==> flow/design.v <==
module u_mpy #(
   parameter BITS = 24
) (
   input  CLK,
   input  i_rst_n,
   input  [BITS-1:0] i_in0,
   input  [BITS-1:0] i_in1,
   output [2*BITS-1:0] o_q
);
   reg [BITS-1:0] in0_s;
   reg [BITS-1:0] in1_s;
   always @(posedge CLK or negedge i_rst_n) begin
      if (!i_rst_n) begin
         in0_s <= 0;
         in1_s <= 0;
      end else begin
         in0_s <= i_in0;
         in1_s <= i_in1;
      end
   end
   assign o_q = in0_s * in1_s;
endmodule
---- Reports on u_mpy ----
Tool output for the design above, in the order of the flow.
Line numbers count from 1 in the design file above.
Cell names lack the library's common part.
The mark - stands for no value.
inputs
  top module .............................. u_mpy
  clock input ............................. CLK
  cell library ............................ sky130hd
  corner .................................. tt_025C_1v80

---- Word level ----
Source: Yosys, flattened and elaborated, memories not mapped. Widths are those after wreduce; folded enables and synchronous resets count as part of the registers. Registers that Yosys merges into a memory's read port (data or address) are not register bits. Print and check cells do not count. Equal cells are merged and count once.
storage and ports
  register bits ........................... 48
  input bits .............................. 50
  output and inout port bits .............. 48
cells by class
  $mul .................................... 1
operators by type and width
  cell                          count
  multiplier 24 x 24 -> 48 bit  1

---- Depth ----
Yosys ltp: most cells in a row. Word level: on the elaborated netlist, between registers, memories and ports. Mapped: between sequential cells and ports; inverters and the memories' decode and read muxes count.
depth
  depth in word-level cells ............... 1
  ABC_AREA ................................ 0
  depth in mapped cells ................... 26
  mapped depth without buffers ............ 24

---- After synthesis ----
The flow's flattened synthesis, as Yosys stat reports it; memories are mapped. The netlist is that of the ABC_AREA named above (0 if unset); the other value can give another one.
The area totals of this step are shown rounded.
cell types
  type      count
  fa_1      482
  ha_1      174
  inv_1     559
  and2_1    304
  dfrtp_1   48
  nand2_1   307
  clkbuf_1  98
  xnor2_1   30
  a21oi_1   48
  a21o_1    16
  xor2_1    13
  nand4_1   13
  nor2_1    21
  o21ai_0   15
  nand3_1   14
  o21bai_1  8
  a211oi_1  7
  nor3_1    10
Other cell types: 33; their cells: 71.
mapped netlist
  standard cells after synthesis .......... 2238
  cell area after synthesis ............... 20300 sq um
  area of sequential cells ................ 1201 sq um
  flip-flops .............................. 48

---- Worst setup path after synthesis ----
Path of least setup slack by OpenSTA after synthesis, without wires, with an ideal clock, recovery checks aside; 20% of the period is set as input and as output delay. Where synthesis merged equal registers, the netlist keeps one of their names.
path after synthesis
  path type ............................... register to output
  start ................................... register in1_s[3]
  end ..................................... output o_q[45]
  period .................................. 10.0 ns
  external output delay ................... 2.000 ns
  launch time at the first pin ............ 0.000 ns
  arrival ................................. 6.409 ns
  required time ........................... 8.000 ns
  path slack .............................. 1.591 ns
  delay of the path ....................... 6.409 ns
  stages on the path ...................... 25
  buffers on the path ..................... 2
  period reached after synthesis .......... 8.409 ns
"delay of the path" is the arrival time less input delay plus setup time.
A path that ends at an output port has no setup time.
"stages on the path" counts driving pins, that of a launching flip-flop among them; a cell with two outputs on the path counts twice.
"period reached after synthesis" is the clock period less the worst setup slack; recovery checks do not enter. This is arithmetic on one report: input and output delays are still those of the set period (20% each).
Between the ends stands the longest chain of elaborated cells between them, by number of cells; it is not shown to be the way that was timed. Of several equally long chains one is given.
Each line given opens the expression or statement behind the cell; cells for indexed reads and writes are added by Yosys, which also makes memories of some case tables.
between the ends, after synthesis
  path through ............................ dfrtp_1 -> clkbuf_1 -> nand2_1 -> fa_1 -> inv_1 -> fa_1 -> inv_1 -> fa_1 -> fa_1 -> inv_1 -> fa_1 -> fa_1 -> inv_1 -> fa_1 -> inv_1 -> ha_1 -> buf_2 -> a21oi_1 -> o21a_1 -> o22ai_1 -> or3_1 -> nor4_1 -> nor4_2 -> o21ba_2 -> nor3_1
  cells in the longest elaborated chain ... 1
ends and longest elaborated chain, after synthesis
  what                          line  text
  start, declared               11    reg [BITS-1:0] in1_s;
  start, assigned               15    in1_s <= 0;
  start, assigned               18    in1_s <= i_in1;
  multiplier 24 x 24 -> 48 bit  21    assign o_q = in0_s * in1_s;
  end, declared                 8     output [2*BITS-1:0] o_q

---- Timing after layout ----
From the final timing report of record 1: the path of least setup slack in the routed layout; clock arrival at registers is part of the times.
path after layout
  path type ............................... register to output
  start ................................... register in1_s[8]
  end ..................................... output o_q[44]
  period .................................. 8.32 ns
  external output delay ................... 1.66 ns
  launch time at the first pin ............ 0.31 ns
  arrival ................................. 7.14 ns
  required time ........................... 6.66 ns
  path slack .............................. -0.49 ns
  stages on the path ...................... 28
  buffers on the path ..................... 6
Between the ends stands the longest chain of elaborated cells between them, by number of cells; it is not shown to be the way that was timed. Of several equally long chains one is given.
between the ends, after layout
  path through ............................ dfrtp_4 -> buf_8 -> and2_4 -> fa_1 -> fa_1 -> inv_2 -> fa_1 -> fa_1 -> inv_2 -> fa_1 -> fa_1 -> inv_2 -> fa_1 -> inv_2 -> ha_4 -> a21oi_2 -> o21ai_2 -> nor3_1 -> buf_4 -> a2111oi_4 -> buf_6 -> buf_4 -> o21ai_4 -> a21oi_2 -> buf_4 -> or3_1 -> nand4_1 -> buf_2
  cells in the longest elaborated chain ... 1
ends and longest elaborated chain, after layout
  what                          line  text
  start, declared               11    reg [BITS-1:0] in1_s;
  start, assigned               15    in1_s <= 0;
  start, assigned               18    in1_s <= i_in1;
  multiplier 24 x 24 -> 48 bit  21    assign o_q = in0_s * in1_s;
  end, declared                 8     output [2*BITS-1:0] o_q

## Implementation results

Settings and measured results of 3 stored flow runs for module u_mpy (sky130hd), not sorted in any way. The constraints put input and output delay at 20% of the set period each and load the outputs with 0.01 pF.
"achieved clock period" means the clock period less the worst setup slack. The figure is calculated, with input and output delays left at 20% of the set period.
"time of the worst setup path": the worst setup path's part of the clock period (all of it between registers, 20% less for each end at a port) less its slack. A launch clock that arrives late makes it longer, a capture clock that arrives late makes it shorter.
Values from the reports are rounded here.

---- record 1 ----
settings
  period_ns = 8.32
  CORE_UTILIZATION = 26
  SETUP_SLACK_MARGIN = -0.32
  PLACE_DENSITY = 0.62
  CORE_ASPECT_RATIO = 1.18
  CORE_MARGIN = 7
  TNS_END_PERCENT = 35
  GPL_ROUTABILITY_DRIVEN = 1
  CTS_CLUSTER_SIZE = 32
  MIN_ROUTING_LAYER = met1
  MAX_ROUTING_LAYER = met5
  CAP_MARGIN = 20
  SLEW_MARGIN = 20
results
  area inside the die boundary ............ 86110 sq um
  summed negative setup slack ............. -5.760 ns
  standard-cell area after routing ........ 26060 sq um
  time of the worst setup path ............ 7.14 ns
  critical path kind ...................... register to output
  post-layout utilization ................. 33.6%
  synthesized cell area ................... 20300 sq um
  worst setup slack after layout .......... -0.488 ns
  achieved clock period ................... 8.808 ns

---- record 2 ----
settings
  period_ns = 10.0
  CAP_MARGIN = 20
  CORE_MARGIN = 2
  CORE_UTILIZATION = 40
  SLEW_MARGIN = 20
results
  area inside the die boundary ............ 52560 sq um
  summed negative setup slack ............. 0.000 ns
  standard-cell area after routing ........ 22840 sq um
  time of the worst setup path ............ 7.71 ns
  critical path kind ...................... register to output
  post-layout utilization ................. 45.5%
  synthesized cell area ................... 20300 sq um
  worst setup slack after layout .......... 0.286 ns
  achieved clock period ................... 9.714 ns

---- record 3 ----
settings
  period_ns = 12.2
  CORE_UTILIZATION = 43
  SETUP_SLACK_MARGIN = 0.3
  PLACE_DENSITY = 0.46
  CORE_MARGIN = 10
  CELL_PAD_IN_SITES_GLOBAL_PLACEMENT = 0
  CELL_PAD_IN_SITES_DETAIL_PLACEMENT = 1
  TNS_END_PERCENT = 85
  ABC_AREA = 0
  CTS_CLUSTER_DIAMETER = 65
  MIN_ROUTING_LAYER = met2
  MAX_ROUTING_LAYER = met4
  CAP_MARGIN = 20
  SLEW_MARGIN = 20
results
  area inside the die boundary ............ 56290 sq um
  summed negative setup slack ............. 0.000 ns
  standard-cell area after routing ........ 21970 sq um
  time of the worst setup path ............ 9.02 ns
  critical path kind ...................... register to output
  post-layout utilization ................. 47.1%
  synthesized cell area ................... 20300 sq um
  worst setup slack after layout .......... 0.738 ns
  achieved clock period ................... 11.462 ns
